==> flow/design.v <==
module dp_sub_unit_mod #(
  parameter integer W = 16
) (
  input wire clk,
  input wire clr,
  input wire [W-1:0] u_i,
  input wire [W-1:0] v_i,
  output reg [W:0] res_o,
  output reg [W:0] diff_o
);
  always @(posedge clk) begin
    if (clr) begin
      res_o <= 0;
      diff_o <= 0;
    end else begin
      res_o <= u_i + v_i;
      diff_o <= u_i - v_i;
    end
  end
endmodule
# Reports on dp_sub_unit_mod
# Tool output for the design above, in the order of the flow.
# Lines are those of the file above, counted from 1.
# Cell names lack the library's common part.
# Not given: --
# design
design	dp_sub_unit_mod
clock	clk
cell_library	sky130hd
corner	tt_025C_1v80

# Word level
# Source: Yosys, flattened and elaborated, memories not mapped. Widths are those after wreduce; folded enables and synchronous resets count as part of the registers. Registers that Yosys merges into a memory's read port (data or address) are not register bits. Print and check cells do not count. Equal cells are merged and count once.
# word_totals
output_inout_bits	34
inputBits	34
register_bits	34
# classes
n_addsub	2
# op_table
cell	n
16-bit by 16-bit adder with 17-bit output	1
16-bit by 16-bit subtractor with 17-bit output	1

# Longest topological paths
# Yosys ltp: most cells in a row. Word level: on the elaborated netlist, between registers, memories and ports. Mapped: between sequential cells and ports; inverters and the memories' decode and read muxes count.
# depth
depth_word	1
abc_area	0
mapped_depth	9

# Synthesis result
# The flow's flattened synthesis, as Yosys stat reports it; memories are mapped. The netlist is that of the ABC_AREA named above (0 if unset); the other value can give another one.
# types
cell_type	n
dfxtp_1	33
ha_1	32
a21oi_1	31
nor2_1	37
xnor2_1	13
inv_1	29
mux2i_1	6
nand2b_1	8
o21ai_0	9
o31ai_1	6
xor2_1	5
fa_1	2
nor3_1	8
nand2_1	10
or2_2	5
buf_2	5
nand3_1	4
nor2b_1	3
# Other cell types: 34; their cells: 42.
# mapped
cells	288
yosys_area_um2	2383.5
flip_flops	33
n_buf	12

# Worst setup path after synthesis
# OpenSTA on the mapped netlist: ideal clock, no wires. The path of least setup slack (recovery checks aside). Input and output delay are each 20% of the period. Register names are those of the netlist, which keeps one name where synthesis merged equal registers.
# synth_timing
kind	in2reg
start	input u_i[0]
end	register res_o[12]
period_ps	2780
in_delay_ps	556
path_buffers	0
launch_ps	556
slack_ps	445
t_required_ps	2659
path_delay_ps	1778
arrival_time_ps	2213
stages	8
period_less_setup_slack_ps	2335
# "path_delay_ps" is the arrival time less input delay plus setup time.
# "stages": output pins that drive a net of the path, with the launching flip-flop's if there is one; two outputs of one cell count as two.
# "period_less_setup_slack_ps" is the clock period less the worst setup slack; recovery checks do not enter. This is arithmetic on one report: input and output delays are still those of the set period (20% each).
# The rows between start and end are the longest chain of elaborated cells between them; the timing report does not say that the signal goes this way. Where chains are equally long, one stands for them.
# Each line given opens the expression or statement behind the cell; cells for indexed reads and writes are added by Yosys, which also makes memories of some case tables.
# synth_between
cell_sequence	ha_1 > fa_1 > nand2b_4 > a221oi_2 > o31ai_2 > nor3_1 > o22a_1 > mux2_4
elab_chain_cells	1
# synth_rtl
element	line_no	rtl
start: declaration	6	input wire [W-1:0] u_i,
16-bit by 16-bit adder with 17-bit output	16	res_o <= u_i + v_i;
end: assignment	13	res_o <= 0;
end: assignment	16
end: declaration	8	output reg [W:0] res_o,

# Worst path after layout
# Path of least setup slack in the final report of job 1 (OpenROAD, finished layout, wires in). Where an end is a register, its clock arrival counts in the times.
# The path's times are printed in steps of 10 ps; the period is the one set.
# layout_timing
kind	in2reg
start	input u_i[0]
end	register diff_o[12]
in_delay_ps	560
stages	10
period_ps	2780
path_buffers	1
arrival_time_ps	2830
t_required_ps	2960
slack_ps	130
launch_ps	560
# The rows between start and end are the longest chain of elaborated cells between them; the timing report does not say that the signal goes this way. Where chains are equally long, one stands for them.
# layout_between
cell_sequence	clkdlybuf4s50_1 > inv_1 > ha_1 > fa_1 > nand2b_4 > a21oi_2 > o21ai_1 > nor3_2 > or3_4 > mux2_2
elab_chain_cells	1
# layout_rtl
element	line_no	rtl
start: declaration	6	input wire [W-1:0] u_i,
16-bit by 16-bit subtractor with 17-bit output	17	diff_o <= u_i - v_i;
end: assignment	14	diff_o <= 0;
end: assignment	17
end: declaration	9	output reg [W:0] diff_o

FLOW RESULTS
============

Below are 3 stored runs of the flow (Yosys, OpenROAD; platform sky130hd) on dp_sub_unit_mod, each with its settings and what was measured, unordered. Constraints: input delay and output delay 20% of the set period each, output load 0.01 pF.
"period_reached_ps" means the clock period less the worst setup slack. The figure is calculated, with input and output delays left at 20% of the set period.
By "worstPathTime_ps" is meant the share of the clock period that the worst setup path is allowed (20% is reserved at inputs, 20% at outputs), minus its slack. Clock arrival times at its registers enter into it.
"totalPower_uw" rests on the timing tool's default activity at the inputs, not on a simulated workload.
"worstPathTime_ps" is given in steps of 10 ps.

Job 1, flow files:
==> flow/run.sh <==
#!/bin/bash
# the make line also repeats the synthesis and layout settings of config.mk as NAME=value (left out here)
make -C /OpenROAD-flow-scripts/flow DESIGN_CONFIG=/design/flow/config.mk WORK_HOME=/design/flow/orfs CLKGATE_MAP_FILE= finish
==> flow/config.mk <==
export PLATFORM = sky130hd
export DESIGN_NAME = dp_sub_unit_mod
export DESIGN_NICKNAME = dp_sub_unit_mod
export VERILOG_FILES = /design/flow/design.v
export SDC_FILE = /design/flow/constraint.sdc
export NUM_CORES = 4
export LEC_CHECK = 0
export CAP_MARGIN = 20
export CORE_MARGIN = 2
export CORE_UTILIZATION = 40
export SLEW_MARGIN = 20
==> flow/constraint.sdc <==
create_clock -name core_clock -period 2.78 [get_ports {clk}]
set_input_delay 0.5560 -clock core_clock [delete_from_list [all_inputs] [get_ports {clk}]]
set_output_delay 0.5560 -clock core_clock [all_outputs]
set_load 0.01 [all_outputs]

==> results of job 1, as CSV <==
result,value
final_setup_ws_ps,128
period_reached_ps,2652
die_area_um2,6592.6
finish.utilization_frac,0.601
post_synth_area_um2,2383.5
totalPower_uw,1692
worstPathTime_ps,2100
timing.worst_path_kind,"in2reg"
finish.stdcell_area_um2,3515.9
setup_tns_ps,0
hold_ws_ps,965

Job 2, flow files:
==> flow/run.sh <==
#!/bin/bash
# the make line also repeats the synthesis and layout settings of config.mk as NAME=value (left out here)
make -C /OpenROAD-flow-scripts/flow DESIGN_CONFIG=/design/flow/config.mk WORK_HOME=/design/flow/orfs CLKGATE_MAP_FILE= finish
==> flow/config.mk <==
export PLATFORM = sky130hd
export DESIGN_NAME = dp_sub_unit_mod
export DESIGN_NICKNAME = dp_sub_unit_mod
export VERILOG_FILES = /design/flow/design.v
export SDC_FILE = /design/flow/constraint.sdc
export NUM_CORES = 4
export LEC_CHECK = 0
export ABC_AREA = 0
export CAP_MARGIN = 20
export CORE_MARGIN = 2
export CORE_UTILIZATION = 16
export CTS_CLUSTER_DIAMETER = 26
export GPL_TIMING_DRIVEN = 1
export MAX_ROUTING_LAYER = met5
export MIN_ROUTING_LAYER = met1
export PLACE_DENSITY_LB_ADDON = 0.23
export SLEW_MARGIN = 20
export TNS_END_PERCENT = 20
==> flow/constraint.sdc <==
create_clock -name core_clock -period 2.21 [get_ports {clk}]
set_input_delay 0.4420 -clock core_clock [delete_from_list [all_inputs] [get_ports {clk}]]
set_output_delay 0.4420 -clock core_clock [all_outputs]
set_load 0.01 [all_outputs]

==> results of job 2, as CSV <==
result,value
final_setup_ws_ps,49
period_reached_ps,2161
die_area_um2,15889.9
finish.utilization_frac,0.292
post_synth_area_um2,2383.5
totalPower_uw,2386
worstPathTime_ps,1720
timing.worst_path_kind,"in2reg"
finish.stdcell_area_um2,4247.8
setup_tns_ps,0
hold_ws_ps,605

Job 3, flow files:
==> flow/run.sh <==
#!/bin/bash
# the make line also repeats the synthesis and layout settings of config.mk as NAME=value (left out here)
make -C /OpenROAD-flow-scripts/flow DESIGN_CONFIG=/design/flow/config.mk WORK_HOME=/design/flow/orfs CLKGATE_MAP_FILE= finish
==> flow/config.mk <==
export PLATFORM = sky130hd
export DESIGN_NAME = dp_sub_unit_mod
export DESIGN_NICKNAME = dp_sub_unit_mod
export VERILOG_FILES = /design/flow/design.v
export SDC_FILE = /design/flow/constraint.sdc
export NUM_CORES = 4
export LEC_CHECK = 0
export CAP_MARGIN = 20
export CELL_PAD_IN_SITES_GLOBAL_PLACEMENT = 0
export CORE_MARGIN = 2
export CORE_UTILIZATION = 59
export CTS_CLUSTER_SIZE = 62
export GPL_ROUTABILITY_DRIVEN = 1
export PLACE_DENSITY_LB_ADDON = 0.1
export SETUP_SLACK_MARGIN = 0.6
export SLEW_MARGIN = 25
==> flow/constraint.sdc <==
create_clock -name core_clock -period 2.23 [get_ports {clk}]
set_input_delay 0.4460 -clock core_clock [delete_from_list [all_inputs] [get_ports {clk}]]
set_output_delay 0.4460 -clock core_clock [all_outputs]
set_load 0.01 [all_outputs]

Job 3: incomplete, placement halted on DPL-0033
